==> flow/design.v <==
module dp_arith_n (i_clk, rst, opa, opb, op, diff);
   parameter DW = 14;
   input i_clk;
   input rst;
   input [DW-1:0] opa;
   input [DW-1:0] opb;
   input op;
   output reg [DW-1:0] diff;
   reg [DW-1:0] work;
   always @* begin
      if (op)
         work = opa - opb;
      else
         work = opa + opb;
   end
   always @(posedge i_clk) begin
      if (rst) begin
         diff <= 0;
      end else begin
         diff <= work;
      end
   end
endmodule
From RTL to reports: dp_arith_n
Tool output for the members of one design family, told apart by "DW", in the order of the flow. The RTL above is that of DW 14; lines are counted from 1 in the file of the member named. Operators carry their Yosys type and port widths (W data, S select, Z words). Library cell names are shortened. Not given: --

Top: dp_arith_n. Clock input: i_clk. Cell library: sky130hd. Library corner: tt_025C_1v80.

Members of the sweep
Lines of each other member's file that are new or changed against the file above; lines that a member lacks are not shown.

New or changed lines: DW 56 (line 2) `parameter DW = 56;`; DW 112 (line 2) `parameter DW = 112;`; DW 128 (line 2) `parameter DW = 128;`.

Word level
Counts by Yosys on the flattened word-level netlist (proc, flatten, opt, wreduce; memories kept). Register bits leave out memories and registers merged into their read ports (data or address); mux counts leave out enables and synchronous resets folded into registers. Print and check cells are left out. Cells with the same type and inputs are merged into one.

Word-level totals: DW 14 (flip-flop bits (word level) 14, input port bits 31, output and inout bits 14, elaborated cells 4); DW 56 (flip-flop bits (word level) 56, input port bits 115, output and inout bits 56, elaborated cells 4); DW 112 (flip-flop bits (word level) 112, input port bits 227, output and inout bits 112, elaborated cells 4); DW 128 (flip-flop bits (word level) 128, input port bits 259, output and inout bits 128, elaborated cells 4).

Operators by class: DW 14 ($add $sub $neg 2, muxes and demuxes 1); DW 56 ($add $sub $neg 2, muxes and demuxes 1); DW 112 ($add $sub $neg 2, muxes and demuxes 1); DW 128 ($add $sub $neg 2, muxes and demuxes 1).

Operator list (kind and count): DW 14 ($add A14 B14 Y14: 1; $sub A14 B14 Y14: 1; $mux W14: 1); DW 56 ($add A56 B56 Y56: 1; $sub A56 B56 Y56: 1; $mux W56: 1); DW 112 ($add A112 B112 Y112: 1; $sub A112 B112 Y112: 1; $mux W112: 1); DW 128 ($add A128 B128 Y128: 1; $sub A128 B128 Y128: 1; $mux W128: 1).

Logic depth
Longest topological path by Yosys (ltp), each cell counted once; first at word level (registers and memories cut), then after technology mapping (sequential cells cut; the memories' decode and read muxes count).

Logic depth: DW 14 (depth in word-level cells 2, ABC_AREA 0, depth in mapped cells 12, depth with buffers taken out 12); DW 56 (depth in word-level cells 2, ABC_AREA 0, depth in mapped cells 20, depth with buffers taken out 19); DW 112 (depth in word-level cells 2, ABC_AREA 0, depth in mapped cells 25, depth with buffers taken out 24); DW 128 (depth in word-level cells 2, ABC_AREA 0, depth in mapped cells 24, depth with buffers taken out 22).

After synthesis
The flow's flattened synthesis, as Yosys stat reports it; memories are mapped. The netlist is that of the ABC_AREA named above (0 if unset); the other value can give another one.

Cells by type (types with counts): DW 14 (dfxtp_1: 14; ha_1: 14; xnor2_1: 18; nor2_1: 25; a21oi_1: 9; nor3_1: 9; o21a_1: 5; xor2_1: 4; inv_1: 9; nand2_1: 6; o211ai_1: 3; fa_1: 1; a41oi_2: 1; a221oi_2: 1; nand3_1: 3; o21ai_0: 3; a211oi_2: 1; a31oi_1: 2; [+21]); DW 56 (dfxtp_1: 56; xnor2_1: 81; ha_1: 56; nor2_1: 115; a21oi_1: 86; xor2_1: 23; a21o_1: 25; nand2_1: 45; o21ai_0: 28; nand4_1: 22; o21bai_1: 16; nor3_1: 21; clkbuf_1: 27; inv_1: 26; a31oi_1: 13; nor2b_1: 12; nor4_1: 12; nand3_1: 13; [+122]); DW 112 (dfxtp_1: 112; ha_1: 112; xnor2_1: 156; a21oi_1: 220; nor2_1: 284; o21ai_0: 103; nand2_1: 128; a21o_1: 59; xor2_1: 49; nand4_1: 52; nor3_1: 58; clkbuf_1: 73; inv_1: 58; o21bai_1: 28; a31oi_1: 27; o21a_1: 17; nor2b_1: 18; nand3_1: 22; [+227]); DW 128 (dfxtp_1: 128; xnor2_1: 188; ha_1: 128; a21oi_1: 265; nor2_1: 307; nand2_1: 182; o21ai_0: 110; nor3_1: 94; nand4_1: 71; xor2_1: 44; a21o_1: 49; o21bai_1: 45; clkbuf_1: 77; a31oi_1: 43; inv_1: 58; nor4_1: 27; nor2b_1: 24; or3_1: 23; [+296]).

The mark [+n] counts cells that are not listed.

Synthesis totals: DW 14 (standard cells after synthesis 149, cell area after synthesis 1207.4 um2, mapped flip-flops 14, buffer cells 2); DW 56 (standard cells after synthesis 799, cell area after synthesis 5983.2 um2, mapped flip-flops 56, buffer cells 43); DW 112 (standard cells after synthesis 1803, cell area after synthesis 12719.7 um2, mapped flip-flops 112, buffer cells 86); DW 128 (standard cells after synthesis 2159, cell area after synthesis 15050.7 um2, mapped flip-flops 128, buffer cells 97).

Worst setup path after synthesis
Source: OpenSTA report_checks on the synthesized netlist (no wires, ideal clock, input and output delay 20% of the period each), path of least setup slack; recovery checks are left aside. Register names are those of the netlist, which keeps one name where synthesis merged equal registers.

Path after synthesis: DW 14 (path type input -> register, from input port opb[4], to register diff[12], clock period 3290 ps, slack 525 ps, stages on the path 10, path delay 2107 ps, synthesis period reached 2765 ps); DW 56 (path type input -> register, from input port opb[11], to register diff[52], clock period 6410 ps, slack 1023 ps, stages on the path 19, path delay 4105 ps, synthesis period reached 5387 ps); DW 112 (path type input -> register, from input port opb[17], to register diff[111], clock period 8100 ps, slack 1298 ps, stages on the path 22, path delay 5182 ps, synthesis period reached 6802 ps); DW 128 (path type input -> register, from input port opb[55], to register diff[116], clock period 7280 ps, slack 1163 ps, stages on the path 19, path delay 4661 ps, synthesis period reached 6117 ps).

"path delay" = arrival - input delay + setup time. "stages on the path" counts driving pins, that of a launching flip-flop among them; a cell with two outputs on the path counts twice. "synthesis period reached" = period - worst setup slack (recovery checks aside). The figure is calculated, with input and output delays left at 20% of the set period. The rows between start and end are the longest chain of elaborated cells between them; the timing report does not say that the signal goes this way. Where chains are equally long, one stands for them. Each line given opens the expression or statement behind the cell; cells for indexed reads and writes are added by Yosys, which also makes memories of some case tables.

Between the ends, after synthesis, DW 14:
The figure for length of the longest elaborated chain is 2.

RTL lines, path after synthesis, DW 14: from (decl) (line 6) `input [DW-1:0] opb;`; $add A14 B14 Y14 (line 14) `work = opa + opb;`; $mux W14 (line 11) `if (op)`; to (assign) (line 18) `diff <= 0;`; to (assign) (line 20) `diff <= work;`; to (decl) (line 8) `output reg [DW-1:0] diff;`.

Between the ends, after synthesis, DW 128:
The figure for length of the longest elaborated chain is 2.

RTL lines, path after synthesis, DW 128: from (decl) (line 6) `input [DW-1:0] opb;`; $add A128 B128 Y128 (line 14) `work = opa + opb;`; $mux W128 (line 11) `if (op)`; to (assign) (line 18) `diff <= 0;`; to (assign) (line 20) `diff <= work;`; to (decl) (line 8) `output reg [DW-1:0] diff;`.

Timing after layout
Path of least setup slack in the final report of each member's run (OpenROAD, finished layout, wires in). Where an end is a register, its clock arrival counts in the times. The path's times are printed in steps of 10 ps; the period is the one set.

Path after layout: DW 14 (path type input -> register, from input port opb[7], to register diff[12], clock period 3290 ps, slack 190 ps, stages on the path 11, arrival 3240 ps, path buffers 1); DW 56 (path type input -> register, from input port opb[5], to register diff[52], clock period 6410 ps, slack 160 ps, stages on the path 18, arrival 6450 ps, path buffers 2); DW 112 (path type input -> register, from input port opb[12], to register diff[99], clock period 8100 ps, slack 440 ps, stages on the path 19, arrival 7940 ps, path buffers 1); DW 128 (path type input -> register, from input port opb[17], to register diff[127], clock period 7280 ps, slack 260 ps, stages on the path 21, arrival 7330 ps, path buffers 4).

Layout results
Settings and results of one run of the flow (Yosys, OpenROAD) for each member follow. The constraints put input and output delay at 20% of the set period each and load the outputs with 0.01 pF.

The entry for CAP_MARGIN reads 20. The entry for CORE_MARGIN reads 2. CORE_UTILIZATION: 40. Under SLEW_MARGIN stands 20.

Settings that differ (period_ns): DW 14 (3.29); DW 56 (6.41); DW 112 (8.1); DW 128 (7.28).

Results: DW 14 (chip area in the Yosys report 1207.4 um2, area inside the die boundary 3473.9 um2, standard-cell area of the final layout 1890.6 um2, utilization after routing 67.4%, worst setup slack after layout 191 ps, setup TNS 0 ps, final worst hold slack 1085 ps, overall power 0.6693 mW, period reached 3099 ps); DW 56 (chip area in the Yosys report 5983.2 um2, area inside the die boundary 15953.0 um2, standard-cell area of the final layout 8067.7 um2, utilization after routing 55.3%, worst setup slack after layout 160 ps, setup TNS 0 ps, final worst hold slack 1594 ps, overall power 1.672 mW, period reached 6250 ps); DW 112 (chip area in the Yosys report 12719.7 um2, area inside the die boundary 33242.4 um2, standard-cell area of the final layout 16726.0 um2, utilization after routing 53.1%, worst setup slack after layout 445 ps, setup TNS 0 ps, final worst hold slack 1801 ps, overall power 2.798 mW, period reached 7655 ps); DW 128 (chip area in the Yosys report 15050.7 um2, area inside the die boundary 39194.1 um2, standard-cell area of the final layout 21449.3 um2, utilization after routing 57.4%, worst setup slack after layout 260 ps, setup TNS 0 ps, final worst hold slack 1550 ps, overall power 4.191 mW, period reached 7020 ps).

"period reached": clock period set for the run, less the worst setup slack. It is reckoned from that one timing run; input and output delays stay at 20% of the period that was set. By "overall power" is meant OpenSTA's value without simulated activity: inputs other than the clock are taken to toggle once in ten clock periods, and the tool carries that through the logic.
